==> flow/design.v <==
module sync_reg_bank_top (core_clk, load, wa, wd, raddr_a, raddr_b, dout_a, dout_b);
    parameter D = 48;
    parameter DWIDTH = 10;
    localparam ADDR_W = $clog2(D);
    input core_clk;
    input load;
    input [ADDR_W-1:0] wa;
    input [DWIDTH-1:0] wd;
    input [ADDR_W-1:0] raddr_a;
    input [ADDR_W-1:0] raddr_b;
    output [DWIDTH-1:0] dout_a;
    output [DWIDTH-1:0] dout_b;
    reg [DWIDTH-1:0] bank [0:D-1];
    always @(posedge core_clk) begin
        if (load && wa != 0)
            bank[wa] <= wd;
    end
    assign dout_a = (raddr_a == 0) ? {DWIDTH{1'b0}} : bank[raddr_a];
    assign dout_b = (raddr_b == 0) ? {DWIDTH{1'b0}} : bank[raddr_b];
endmodule
# == Step by step through the tools: sync_reg_bank_top ==
# The steps from the RTL of sync_reg_bank_top to its reports follow in flow order.
# Line numbers count from 1 in the design file above.
# Cell names lack the library's common part.
# Not given: --
# design
top,sync_reg_bank_top
clock_port,core_clk
cell_library,sky130hd
corner,tt_025C_1v80

# == Word-level counts ==
# Source: Yosys, flattened and elaborated, memories not mapped. Widths are those after wreduce; folded enables and synchronous resets count as part of the registers. Registers that Yosys merges into a memory's read port (data or address) are not register bits. Print and check cells do not count. Equal cells are merged and count once.
# Memory sizes are those after Yosys's memory passes, which may raise the word count (mostly to a power of two), join words into wider ones and drop unused or constant bits.
# word_totals
register_bits,0
latchBits,0
ram_bits,480
mem_bits_ro,0
clocked_rd_ports_x_width,0
n_memories,1
inputBits,30
output_inout_bits,20
word_cells,10
# op_classes
addsub,0
multipliers,0
n_div,0
compare,0
equal,0
n_shift,0
n_mux,5
bitwise,0
reduce_and_logical,4
# mem_list
name,words,word_bits,read_ports,wr,line,source
bank,48,10,2,1,13,reg [DWIDTH-1:0] bank [0:D-1];
# op_table
op,count
2-to-1 mux 10 bit,3
logical NOT 6 bit,2
nonzero test 6 bit,1
2-to-1 mux 6 bit,1
logical AND 1 bit,1
2-to-1 mux 1 bit,1

# == Depth ==
# Depth = most cells in a row (Yosys ltp): at word level without a register or memory, in the mapped netlist without a sequential cell, where the memories' decode and read muxes count.
# depth
depth_word,3
ABC_AREA,0
mapped_depth,8
mapped_depth_nobuf,5

# == Netlist ==
# Source: synth_stat.txt of the flow (Yosys; design flattened, memories mapped). It holds for the ABC_AREA given above (unset counts as 0); a run with the other value may have another netlist.
# types
cell_type,count,type_area_um2
edfxtp_1,480,1.44E+04
mux4_2,235,5.29E+03
mux2i_1,39,390.374
a22oi_1,43,322.81
nor2_1,61,228.97
buf_2,41,205.197
mux4_1,7,183.926
mux2_2,13,146.39
a22o_1,13,113.859
buf_6,8,90.086
nor2b_1,13,81.328
nand2_1,19,71.318
o22ai_1,11,68.816
buf_4,7,52.55
nand4_1,8,50.048
clkbuf_1,13,48.797
o21a_1,6,45.043
a221oi_1,5,43.792
# Other cell types: 31; their cells: 92.
# synth_totals
cell_count,1114
mapped_area_um2,22454.0
seqArea_um2,14413.8
ffs,480
n_buf,80

# == Timing after synthesis ==
# Source: OpenSTA report_checks on the synthesized netlist (no wires, ideal clock, input and output delay 20% of the period each), path of least setup slack; recovery checks are left aside. Register names are those of the netlist, which keeps one name where synthesis merged equal registers.
# synth_path
path_kind,in2out
startpoint,in raddr_a[1]
endpoint,out dout_a[1]
tclk_ns,3.34
in_delay_ns,0.668
output_delay_ns,0.668
launch_ns,0.668
t_arrival_ns,2.272
required_ns,2.672
slack_ns,0.400
delay_ns,1.604
stages,8
n_path_buf,3
synth_period_reached_ns,2.94
# "delay_ns" = arrival - input delay + setup time.
# A path that ends at an output port has no setup time.
# "stages" counts driving pins, that of a launching flip-flop among them; a cell with two outputs on the path counts twice.
# "synth_period_reached_ns" is the clock period less the worst setup slack; recovery checks do not enter. This is arithmetic on one report: input and output delays are still those of the set period (20% each).
# Between the ends stands the longest chain of elaborated cells between them, by number of cells; it is not shown to be the way that was timed. Of several equally long chains one is given.
# A line is the first line of the expression or statement that the cell stems from. Yosys adds cells for indexed reads and writes and turns some case tables into memories.
# The chain passes a memory read, where the word-level depth is cut; so it can be longer than that depth.
# synth_between
cell_sequence,buf_2 > buf_2 > buf_2 > mux4_2 > a22oi_1 > o21ai_1 > nor4_1 > nor2_1
elab_chain_cells,2
cells_between,3
cone_lines,2
classes_between,mux: 1; reduce/logical: 1; memory: 1
# synth_rtl
element,line,source
"start, declared",9,input [ADDR_W-1:0] raddr_a;
memory (48 x 10 bit),13,reg [DWIDTH-1:0] bank [0:D-1];
2-to-1 mux 10 bit,18,assign dout_a = (raddr_a == 0) ? {DWIDTH{1'b0}} : bank[raddr_a];
"end, declared",11,output [DWIDTH-1:0] dout_a;

# == Path in the finished layout ==
# From the final timing report of record 1: the path of least setup slack in the routed layout; clock arrival at registers is part of the times.
# layout_path
path_kind,in2out
startpoint,in raddr_a[0]
endpoint,out dout_a[8]
tclk_ns,3.34
in_delay_ns,0.67
output_delay_ns,0.67
launch_ns,0.67
t_arrival_ns,2.67
required_ns,2.67
slack_ns,0.00
stages,9
n_path_buf,5
# Between the ends stands the longest chain of elaborated cells between them, by number of cells; it is not shown to be the way that was timed. Of several equally long chains one is given.
# The chain passes a memory read, where the word-level depth is cut; so it can be longer than that depth.
# layout_between
cell_sequence,clkbuf_16 > buf_16 > buf_4 > mux4_2 > a22o_4 > nor4_2 > nor2_1 > buf_4 > clkdlybuf4s15_2
elab_chain_cells,2
cells_between,3
cone_lines,2
classes_between,mux: 1; reduce/logical: 1; memory: 1
# layout_rtl
element,line,source
"start, declared",9,input [ADDR_W-1:0] raddr_a;
memory (48 x 10 bit),13,reg [DWIDTH-1:0] bank [0:D-1];
2-to-1 mux 10 bit,18,assign dout_a = (raddr_a == 0) ? {DWIDTH{1'b0}} : bank[raddr_a];
"end, declared",11,output [DWIDTH-1:0] dout_a;

# Design sync_reg_bank_top on sky130hd. What follows are 3 stored runs of the flow, each under its own settings; their order means nothing. The constraints put input and output delay at 20% of the set period each and load the outputs with 0.01 pF.
# "achievedPeriod_ns" is the run's clock period less its worst setup slack. It is reckoned from that one timing run; input and output delays stay at 20% of the period that was set.
# Among the settings, - means not set for that run.
run name,period_ns,CAP_MARGIN,CORE_MARGIN,CORE_UTILIZATION,SLEW_MARGIN,SETUP_SLACK_MARGIN,PLACE_DENSITY_LB_ADDON,CELL_PAD_IN_SITES_GLOBAL_PLACEMENT,TNS_END_PERCENT,ABC_AREA,GPL_ROUTABILITY_DRIVEN,CTS_CLUSTER_SIZE,CTS_CLUSTER_DIAMETER,MIN_ROUTING_LAYER,MAX_ROUTING_LAYER,layout_utilization_frac,timing.setup.ws_ns,design_die_area_um2,final_hold_ws_ns,yosys_chip_area_um2,achievedPeriod_ns
record 1,3.34,20,2,40,20,-,-,-,-,-,-,-,-,-,-,0.512,0.001,58047.3,0.614,22454.0,3.339
record 2,2.41,20,3,43,20,0.6,0.29,2,20,0,0,21,95,met1,-,0.532,-0.624,54997.3,0.208,22454.0,3.034
record 3,2.01,20,2,21,0,-,0.07,-,100,0,-,-,-,met2,met4,0.286,-1.772,109554.0,0.174,22454.0,3.782
